==> flow/design.v <==
module sync_as_core #(
    parameter NBITS = 56
) (
    input wire aclk,
    input wire rst_n,
    input wire [NBITS-1:0] dataa,
    input wire [NBITS-1:0] datab,
    output reg [NBITS-1:0] q,
    output reg under
);
    reg [NBITS-1:0] dataa_reg;
    reg [NBITS-1:0] datab_reg;
    wire [NBITS:0] work = {1'b0, dataa_reg} - {1'b0, datab_reg};
    always @(posedge aclk or negedge rst_n) begin
        if (~rst_n) begin
            dataa_reg <= 0;
            datab_reg <= 0;
            q <= 0;
            under <= 1'b0;
        end else begin
            dataa_reg <= dataa;
            datab_reg <= datab;
            q <= work[NBITS-1:0];
            under <= work[NBITS];
        end
    end
endmodule
* Tool chain data of sync_as_core
The steps from the RTL of sync_as_core to its reports follow in flow order.
Lines are those of the file above, counted from 1.
Operators: Yosys type, input widths -> output width; for muxes data width and select width s.
Cell names lack the library's common part.
Not given: n/a
- Design top :: sync_as_core
- Clock input :: aclk
- Library :: sky130hd
- Timing corner :: tt_025C_1v80

* After elaboration
Counts by Yosys on the flattened word-level netlist (proc, flatten, opt, wreduce; memories kept). Register bits leave out memories and registers merged into their read ports (data or address); mux counts leave out enables and synchronous resets folded into registers. Print and check cells are left out. Cells with the same type and inputs are merged into one.
- Register bits after elaboration :: 169
- Bits in latches :: 0
- RAM bits :: 0
- Bits in read-only memories :: 0
- Clocked read ports x word width :: 0
- Memories :: 0
- Output and inout bits :: 57
- Elaborated cells :: 5
- Add/subtract/negate cells :: 1
- $mul :: 0
- Divide/modulo/power cells :: 0
- $lt $le $gt $ge :: 0
- Equality and inequality tests :: 0
- Shifts and indexed selects :: 0
- Muxes and demuxes :: 0
- Bitwise operators :: 0
- Reduce/logical cells :: 0
** Operators by type and width (count)
- $sub 56x56->57 :: 1

* Depth
Yosys ltp: most cells in a row. Word level: on the elaborated netlist, between registers, memories and ports. Mapped: between sequential cells and ports; inverters and the memories' decode and read muxes count.
- Word-level depth :: 1
- ABC_AREA :: 0
- Mapped depth :: 12

* Netlist
Source: synth_stat.txt of the flow (Yosys; design flattened, memories mapped). It holds for the ABC_AREA given above (unset counts as 0); a run with the other value may have another netlist.
** Cell types (count)
- dfrtp_1 :: 169
- ha_1 :: 56
- a21oi_1 :: 72
- inv_1 :: 75
- xnor2_1 :: 31
- nand2_1 :: 57
- xor2_1 :: 22
- o21ai_0 :: 36
- a21o_1 :: 19
- nor2_1 :: 31
- o21bai_1 :: 12
- nand4_1 :: 12
- o21a_1 :: 8
- nand2b_1 :: 8
- nand3_1 :: 10
- clkbuf_1 :: 12
- nor3_1 :: 9
- o211ai_4 :: 2
Other cell types: 42; their cells: 76.
- Standard cells after synthesis :: 717
- Chip area (Yosys) :: 7808.7 um^2
- Sequential part of the area :: 4229.1 um^2
- Flip-flops :: 169
- Buffers :: 18

* Path before layout
Source: OpenSTA report_checks on the synthesized netlist (no wires, ideal clock, input and output delay 20% of the period each), path of least setup slack; recovery checks are left aside. Register names are those of the netlist, which keeps one name where synthesis merged equal registers.
- Kind :: reg-to-reg
- Start :: register dataa_reg[0]
- End :: register q[52]
- Period :: 3380 ps
- Setup time :: 125 ps
- Launch time at the first pin :: 0 ps
- Arrival time :: 2580 ps
- Required time :: 3255 ps
- Slack :: 676 ps
- Delay of the path :: 2705 ps
- Stages on the path :: 13
- Buffers on the path :: 0
- Period reached after synthesis :: 2704 ps
"delay of the path" = arrival - input delay + setup time.
"stages on the path": output pins that drive a net of the path, with the launching flip-flop's if there is one; two outputs of one cell count as two.
"period reached after synthesis" is the clock period less the worst setup slack; recovery checks do not enter. This is arithmetic on one report: input and output delays are still those of the set period (20% each).
The rows between start and end are the longest chain of elaborated cells between them; the timing report does not say that the signal goes this way. Where chains are equally long, one stands for them.
A line is the first line of the expression or statement that the cell stems from. Yosys adds cells for indexed reads and writes and turns some case tables into memories.
- Cells stage by stage :: dfrtp_1 inv_1 ha_1 fa_1 nand2b_1 a21o_1 a211oi_2 o21ai_1 o31a_1 o41ai_4 a31o_2 a21oi_1 xnor2_1
- Cells in the longest elaborated chain :: 1
- Elaborated cells on any way between the ends :: 1
- Classes of those cells :: 1 x add/sub
** RTL lines, path after synthesis
- start, declared :: RTL line 11 : reg [NBITS-1:0] dataa_reg;
- start, assigned :: RTL line 16 : dataa_reg <= 0;
- start, assigned :: RTL line 21 : dataa_reg <= dataa;
- $sub 56x56->57 :: RTL line 13 : wire [NBITS:0] work = {1'b0, dataa_reg} - {1'b0, datab_reg};
- end, assigned :: RTL line 18 : q <= 0;
- end, assigned :: RTL line 23 : q <= work[NBITS-1:0];
- end, declared :: RTL line 8 : output reg [NBITS-1:0] q,

* Timing after layout
From the final timing report of stored run 1: the path of least setup slack in the routed layout; clock arrival at registers is part of the times.
The report prints the path's times to 10 ps; the period is as set.
- Kind :: reg-to-reg
- Start :: register dataa_reg[0]
- End :: register q[52]
- Period :: 4820 ps
- Setup time :: 110 ps
- Launch time at the first pin :: 420 ps
- Arrival time :: 3470 ps
- Required time :: 5130 ps
- Slack :: 1660 ps
- Stages on the path :: 13
- Buffers on the path :: 0
The rows between start and end are the longest chain of elaborated cells between them; the timing report does not say that the signal goes this way. Where chains are equally long, one stands for them.
- Cells stage by stage :: dfrtp_1 inv_1 ha_1 fa_1 nand2b_1 a21o_1 a211oi_2 o21ai_1 o31a_1 o41ai_4 a31o_2 a21oi_1 xnor2_1
- Cells in the longest elaborated chain :: 1
- Elaborated cells on any way between the ends :: 1
- Classes of those cells :: 1 x add/sub
** RTL lines, path post-layout
- start, declared :: RTL line 11 : reg [NBITS-1:0] dataa_reg;
- start, assigned :: RTL line 16 : dataa_reg <= 0;
- start, assigned :: RTL line 21 : dataa_reg <= dataa;
- $sub 56x56->57 :: RTL line 13 : wire [NBITS:0] work = {1'b0, dataa_reg} - {1'b0, datab_reg};
- end, assigned :: RTL line 18 : q <= 0;
- end, assigned :: RTL line 23 : q <= work[NBITS-1:0];
- end, declared :: RTL line 8 : output reg [NBITS-1:0] q,

Data sheet: physical implementation of sync_as_core

Record of 3 stored runs of the RTL-to-layout flow on sync_as_core, platform sky130hd. The runs are unordered. Constraints: input delay and output delay 20% of the set period each, output load 0.01 pF.
"period achieved" = clock period - worst setup slack. The figure is calculated, with input and output delays left at 20% of the set period.
"worst setup path time": the worst setup path's part of the clock period (all of it between registers, 20% less for each end at a port) less its slack. A launch clock that arrives late makes it longer, a capture clock that arrives late makes it shorter.
By "power consumption" is meant OpenSTA's value without simulated activity: inputs other than the clock are taken to toggle once in ten clock periods, and the tool carries that through the logic.
"worst setup path time" is given in steps of 10 ps.

* Stored run 1
** Files
==> flow/run.sh <==
#!/bin/bash
# the make line also repeats the synthesis and layout settings of config.mk as NAME=value (left out here)
make -C /OpenROAD-flow-scripts/flow DESIGN_CONFIG=/design/flow/config.mk WORK_HOME=/design/flow/orfs CLKGATE_MAP_FILE= finish
==> flow/config.mk <==
export PLATFORM = sky130hd
export DESIGN_NAME = sync_as_core
export DESIGN_NICKNAME = sync_as_core
export VERILOG_FILES = /design/flow/design.v
export SDC_FILE = /design/flow/constraint.sdc
export NUM_CORES = 4
export LEC_CHECK = 0
export CAP_MARGIN = 30
export CORE_ASPECT_RATIO = 0.88
export CORE_MARGIN = 2
export CORE_UTILIZATION = 37
export CTS_CLUSTER_SIZE = 55
export GPL_ROUTABILITY_DRIVEN = 0
export PLACE_DENSITY_LB_ADDON = 0.0
export SETUP_SLACK_MARGIN = 0.07
export SLEW_MARGIN = 20
export TNS_END_PERCENT = 10
==> flow/constraint.sdc <==
create_clock -name core_clock -period 4.82 [get_ports {aclk}]
set_input_delay 0.9640 -clock core_clock [delete_from_list [all_inputs] [get_ports {aclk}]]
set_output_delay 0.9640 -clock core_clock [all_outputs]
set_load 0.01 [all_outputs]
** Results
- Period achieved :: 3160 ps
- Utilization after routing :: 0.505
- Post-synthesis cell area :: 7808.7 um^2
- Standard-cell area of the final layout :: 10408.7 um^2
- Power consumption :: 3948 uW
- Worst setup path time :: 3160 ps
- Critical path type :: reg-to-reg
- Worst slack on setup checks :: 1660 ps
- Total die area :: 22285.6 um^2
- Total negative slack :: 0 ps

* Stored run 2
** Files
==> flow/run.sh <==
#!/bin/bash
# the make line also repeats the synthesis and layout settings of config.mk as NAME=value (left out here)
make -C /OpenROAD-flow-scripts/flow DESIGN_CONFIG=/design/flow/config.mk WORK_HOME=/design/flow/orfs CLKGATE_MAP_FILE= finish
==> flow/config.mk <==
export PLATFORM = sky130hd
export DESIGN_NAME = sync_as_core
export DESIGN_NICKNAME = sync_as_core
export VERILOG_FILES = /design/flow/design.v
export SDC_FILE = /design/flow/constraint.sdc
export NUM_CORES = 4
export LEC_CHECK = 0
export CAP_MARGIN = 20
export CORE_MARGIN = 2
export CORE_UTILIZATION = 40
export SLEW_MARGIN = 20
==> flow/constraint.sdc <==
create_clock -name core_clock -period 3.38 [get_ports {aclk}]
set_input_delay 0.6760 -clock core_clock [delete_from_list [all_inputs] [get_ports {aclk}]]
set_output_delay 0.6760 -clock core_clock [all_outputs]
set_load 0.01 [all_outputs]
** Results
- Period achieved :: 3037 ps
- Utilization after routing :: 0.536
- Post-synthesis cell area :: 7808.7 um^2
- Standard-cell area of the final layout :: 10372.4 um^2
- Power consumption :: 5485 uW
- Worst setup path time :: 3040 ps
- Critical path type :: reg-to-reg
- Worst slack on setup checks :: 343 ps
- Total die area :: 20655.4 um^2
- Total negative slack :: 0 ps

* Stored run 3
** Files
==> flow/run.sh <==
#!/bin/bash
# the make line also repeats the synthesis and layout settings of config.mk as NAME=value (left out here)
make -C /OpenROAD-flow-scripts/flow DESIGN_CONFIG=/design/flow/config.mk WORK_HOME=/design/flow/orfs CLKGATE_MAP_FILE= finish
==> flow/config.mk <==
export PLATFORM = sky130hd
export DESIGN_NAME = sync_as_core
export DESIGN_NICKNAME = sync_as_core
export VERILOG_FILES = /design/flow/design.v
export SDC_FILE = /design/flow/constraint.sdc
export NUM_CORES = 4
export LEC_CHECK = 0
export ABC_AREA = 1
export CAP_MARGIN = 20
export CELL_PAD_IN_SITES_DETAIL_PLACEMENT = 2
export CORE_MARGIN = 4
export CORE_UTILIZATION = 56
export CTS_CLUSTER_DIAMETER = 248
export GPL_ROUTABILITY_DRIVEN = 0
export GPL_TIMING_DRIVEN = 1
export MAX_ROUTING_LAYER = met5
export PLACE_DENSITY_LB_ADDON = 0.2
export SLEW_MARGIN = 20
==> flow/constraint.sdc <==
create_clock -name core_clock -period 3.03 [get_ports {aclk}]
set_input_delay 0.6060 -clock core_clock [delete_from_list [all_inputs] [get_ports {aclk}]]
set_output_delay 0.6060 -clock core_clock [all_outputs]
set_load 0.01 [all_outputs]
** Results
Unfinished; error DPL-0033 in placement.
